==> flow/design.v <==
module mult #(
  parameter WD = 28
) (
  input logic ck,
  input logic adv,
  input logic [WD-1:0] op_a_in,
  input logic [WD-1:0] op_b_in,
  output logic [2*WD-1:0] p_out
);
  localparam HW = WD / 2;
  logic [WD-1:0] ll;
  mul_part #(.N(HW)) inst (.a(op_a_in[HW-1:0]), .b(op_b_in[HW-1:0]), .p(ll));
  logic [WD-1:0] lh;
  mul_part #(.N(HW)) el (.a(op_a_in[HW-1:0]), .b(op_b_in[WD-1:HW]), .p(lh));
  logic [WD-1:0] hl;
  mul_part #(.N(HW)) u (.a(op_a_in[WD-1:HW]), .b(op_b_in[HW-1:0]), .p(hl));
  logic [WD-1:0] hh;
  mul_part #(.N(HW)) i_sub (.a(op_a_in[WD-1:HW]), .b(op_b_in[WD-1:HW]), .p(hh));
  logic [WD:0] t2;
  assign t2 = lh + hl;
  always_ff @(posedge ck) begin
    if (adv) begin
      p_out <= {hh, ll} + {t2, {HW{1'b0}}};
    end
  end
endmodule
module mul_part #(parameter N = 4) (
  input logic [N-1:0] a,
  input logic [N-1:0] b,
  output logic [2*N-1:0] p
);
  assign p = a * b;
endmodule
## Tool chain data of mult

The steps from the RTL of mult to its reports follow in flow order.
Lines are those of the file above, counted from 1.
Cell names lack the library's common part.
A cell with -- has no value.

| set-up | value |
|---|---|
| top module | mult |
| clock | ck |
| library | sky130hd |
| library corner | tt_025C_1v80 |

## After elaboration

Source: Yosys, flattened and elaborated, memories not mapped. Widths are those after wreduce; folded enables and synchronous resets count as part of the registers. Registers that Yosys merges into a memory's read port (data or address) are not register bits. Print and check cells do not count. Equal cells are merged and count once.

| bit counts | value |
|---|---|
| register bits | 56 |
| bits of input ports | 58 |
| output and inout port bits | 56 |
| elaborated cells | 7 |

| operators by class | value |
|---|---|
| $add $sub $neg | 2 |
| multiply operators | 4 |

Operators by type and width:

| kind | number |
|---|---|
| 14-bit by 14-bit multiplier with 28-bit output | 4 |
| 56-bit by 43-bit adder with 56-bit output | 1 |
| 28-bit by 28-bit adder with 29-bit output | 1 |

## Longest topological paths

Longest topological path by Yosys (ltp), each cell counted once; first at word level (registers and memories cut), then after technology mapping (sequential cells cut; the memories' decode and read muxes count).

| logic depth | value |
|---|---|
| depth in word-level cells | 3 |
| ABC_AREA | 0 |
| depth in mapped cells | 35 |
| depth with buffers taken out | 33 |

## Mapped cells and area

Source: synth_stat.txt of the flow (Yosys; design flattened, memories mapped). It holds for the ABC_AREA given above (unset counts as 0); a run with the other value may have another netlist.
Totals and module areas in this step are rounded.

| synthesis totals | value |
|---|---|
| mapped cells | 3374 |
| synthesis area | 30040 um^2 |
| sequential area | 1682 um^2 |
| flip-flop cells | 56 |
| buffer cells | 171 |

Cells by type:

| cell | number | total area (um^2) |
|---|---|---|
| fa_1 | 621 | 1.24E+04 |
| ha_1 | 366 | 4.58E+03 |
| inv_1 | 779 | 2.92E+03 |
| and2_1 | 392 | 2.45E+03 |
| edfxtp_1 | 56 | 1.68E+03 |
| nand2_1 | 439 | 1647.83 |
| xnor2_1 | 86 | 753.222 |
| clkbuf_1 | 170 | 638.112 |
| a21oi_1 | 92 | 460.442 |
| a21o_1 | 44 | 330.317 |
| nor2_1 | 51 | 191.434 |
| xor2_1 | 20 | 175.168 |
| o21ai_0 | 32 | 160.154 |
| o21bai_1 | 18 | 135.13 |
| a211oi_1 | 16 | 120.115 |
| nand3_1 | 24 | 120.115 |
| o21a_1 | 13 | 97.594 |
| nor3_1 | 17 | 85.082 |

Other cell types: 44; their cells: 138.
The figures by module come from a second, unflattened synthesis with its own total; it is not the netlist above.

| second synthesis, totals | value |
|---|---|
| cells (unflattened synthesis) | 3829 |
| area (unflattened synthesis) | 32630 um^2 |

Each row is one instance without its submodules.

By module:

| module | instances | cells | area (um^2) | seq. area (um^2) |
|---|---|---|---|---|
| mul_part #(N=14) | 4 | 821 | 6874 | 0.0 |
| mult | 1 | 545 | 5131 | 1682 |

## Timing after synthesis

Source: OpenSTA report_checks on the synthesized netlist (no wires, ideal clock, input and output delay 20% of the period each), path of least setup slack; recovery checks are left aside. Register names are those of the netlist, which keeps one name where synthesis merged equal registers.

| timing post-synthesis | value |
|---|---|
| path type | input to register |
| from | input port op_a_in[7] |
| to | register p_out[50] |
| clock period | 12.7 ns |
| input delay | 2.540 ns |
| library setup time | 0.267 ns |
| time at the first pin | 2.540 ns |
| arrival | 10.430 ns |
| data required time | 12.433 ns |
| path slack | 2.003 ns |
| delay of the path | 8.157 ns |
| stages | 32 |
| buffers on the path | 2 |
| synthesis period reached | 10.697 ns |

"delay of the path" = arrival - input delay + setup time.
"stages" counts driving pins, that of a launching flip-flop among them; a cell with two outputs on the path counts twice.
"synthesis period reached" = period - worst setup slack (recovery checks aside). The figure is calculated, with input and output delays left at 20% of the set period.
Between the ends stands the longest chain of elaborated cells between them, by number of cells; it is not shown to be the way that was timed. Of several equally long chains one is given.
A line is the first line of the expression or statement that the cell stems from. Yosys adds cells for indexed reads and writes and turns some case tables into memories.

| on the way, post-synthesis | value |
|---|---|
| cells stage by stage | clkbuf_1 clkbuf_1 and2_1 fa_1 fa_1 inv_1 fa_1 fa_1 inv_1 fa_1 fa_1 inv_1 fa_1 inv_1 ha_1 a2111oi_0 o21ai_1 a41oi_1 a31oi_1 a21oi_1 o21bai_1 xor2_1 ha_1 and3_1 nor3b_1 a221oi_1 nand2_1 a31oi_1 nor4_1 o211ai_1 nor3b_1 xor2_1 |
| cells in the longest elaborated chain | 3 |
| elaborated cells between the ends (all ways) | 4 |
| RTL lines with such cells | 3 |
| classes of those cells | add/sub: 2; mul: 2 |

RTL lines, path post-synthesis:

| item | line | RTL |
|---|---|---|
| start, declared | 6 | `input logic [WD-1:0] op_a_in,` |
| 14-bit by 14-bit multiplier with 28-bit output | 32 | `assign p = a * b;` |
| 28-bit by 28-bit adder with 29-bit output | 20 | `assign t2 = lh + hl;` |
| 56-bit by 43-bit adder with 56-bit output | 23 | `p_out <= {hh, ll} + {t2, {HW{1'b0}}};` |
| end, assigned | 23 |  |
| end, declared | 8 | `output logic [2*WD-1:0] p_out` |

## Timing after layout

Path of least setup slack in the final report of run 1 (OpenROAD, finished layout, wires in). Where an end is a register, its clock arrival counts in the times.

| timing after layout | value |
|---|---|
| path type | input to register |
| from | input port op_b_in[3] |
| to | register p_out[55] |
| clock period | 12.7 ns |
| input delay | 2.54 ns |
| library setup time | 0.24 ns |
| time at the first pin | 2.54 ns |
| arrival | 12.12 ns |
| data required time | 12.81 ns |
| path slack | 0.68 ns |
| stages | 30 |
| buffers on the path | 2 |

Between the ends stands the longest chain of elaborated cells between them, by number of cells; it is not shown to be the way that was timed. Of several equally long chains one is given.

| on the way, after layout | value |
|---|---|
| cells stage by stage | clkdlybuf4s50_1 buf_4 and2_1 fa_1 inv_1 fa_1 inv_1 fa_1 fa_1 fa_1 inv_1 fa_1 inv_1 ha_1 nand3_1 a211oi_1 o31a_1 a41oi_1 nor3_1 o21ai_1 xnor2_1 ha_1 nand4_1 or3_1 o221a_2 o211ai_1 a211o_1 nand3_1 nor4_2 xnor2_1 |
| cells in the longest elaborated chain | 3 |
| elaborated cells between the ends (all ways) | 4 |
| RTL lines with such cells | 3 |
| classes of those cells | add/sub: 2; mul: 2 |

RTL lines, path after layout:

| item | line | RTL |
|---|---|---|
| start, declared | 7 | `input logic [WD-1:0] op_b_in,` |
| 14-bit by 14-bit multiplier with 28-bit output | 32 | `assign p = a * b;` |
| 28-bit by 28-bit adder with 29-bit output | 20 | `assign t2 = lh + hl;` |
| 56-bit by 43-bit adder with 56-bit output | 23 | `p_out <= {hh, ll} + {t2, {HW{1'b0}}};` |
| end, assigned | 23 |  |
| end, declared | 8 | `output logic [2*WD-1:0] p_out` |

==> results <==
Module mult, platform sky130hd: 3 stored runs of the flow (Yosys, OpenROAD) with differing settings, in no particular order. Input and output delays are each 20% of the period that was set; the output load is 0.01 pF.
"clock period reached" = clock period - worst setup slack. The figure is calculated, with input and output delays left at 20% of the set period.
"time used up by the worst setup path" = time allowed to the worst setup path (clock period - input delay - output delay, where it has them) - its slack; a late launch clock adds to it, a late capture clock takes from it.
Results are given in rounded form.

#### Run 1

| setting | value |
|---|---|
| period_ns | `12.7` |
| CAP_MARGIN | `20` |
| CORE_MARGIN | `2` |
| CORE_UTILIZATION | `40` |
| SLEW_MARGIN | `20` |

| result | value |
|---|---|
| synthesized cell area | 30040 um^2 |
| overall die area | 77300 um^2 |
| std-cell area (final layout) | 32660 um^2 |
| lowest setup slack | 0.684 ns |
| setup TNS | 0.000 ns |
| lowest hold slack | 2.528 ns |
| clock period reached | 12.016 ns |
| time used up by the worst setup path | 9.48 ns |
| worst setup path kind | input to register |

#### Run 2

| setting | value |
|---|---|
| period_ns | `10.9` |
| CORE_UTILIZATION | `41` |
| PLACE_DENSITY | `0.45` |
| CORE_ASPECT_RATIO | `1.1` |
| CORE_MARGIN | `6` |
| TNS_END_PERCENT | `100` |
| GPL_TIMING_DRIVEN | `1` |
| CAP_MARGIN | `20` |
| SLEW_MARGIN | `20` |

| result | value |
|---|---|
| synthesized cell area | 30040 um^2 |
| overall die area | 79910 um^2 |
| std-cell area (final layout) | 34520 um^2 |
| lowest setup slack | 0.278 ns |
| setup TNS | 0.000 ns |
| lowest hold slack | 2.130 ns |
| clock period reached | 10.622 ns |
| time used up by the worst setup path | 8.44 ns |
| worst setup path kind | input to register |

#### Run 3

| setting | value |
|---|---|
| period_ns | `6.34` |
| CORE_UTILIZATION | `36` |
| SETUP_SLACK_MARGIN | `-0.11` |
| PLACE_DENSITY_LB_ADDON | `0.2` |
| CORE_ASPECT_RATIO | `1.77` |
| CELL_PAD_IN_SITES_DETAIL_PLACEMENT | `0` |
| ABC_AREA | `1` |
| GPL_TIMING_DRIVEN | `1` |
| CAP_MARGIN | `20` |
| CORE_MARGIN | `2` |
| SLEW_MARGIN | `20` |

| result | value |
|---|---|
| synthesized cell area | 31810 um^2 |
| overall die area | 90840 um^2 |
| std-cell area (final layout) | 43950 um^2 |
| lowest setup slack | -1.882 ns |
| setup TNS | -61.76 ns |
| lowest hold slack | 1.645 ns |
| clock period reached | 8.222 ns |
| time used up by the worst setup path | 6.95 ns |
| worst setup path kind | input to register |
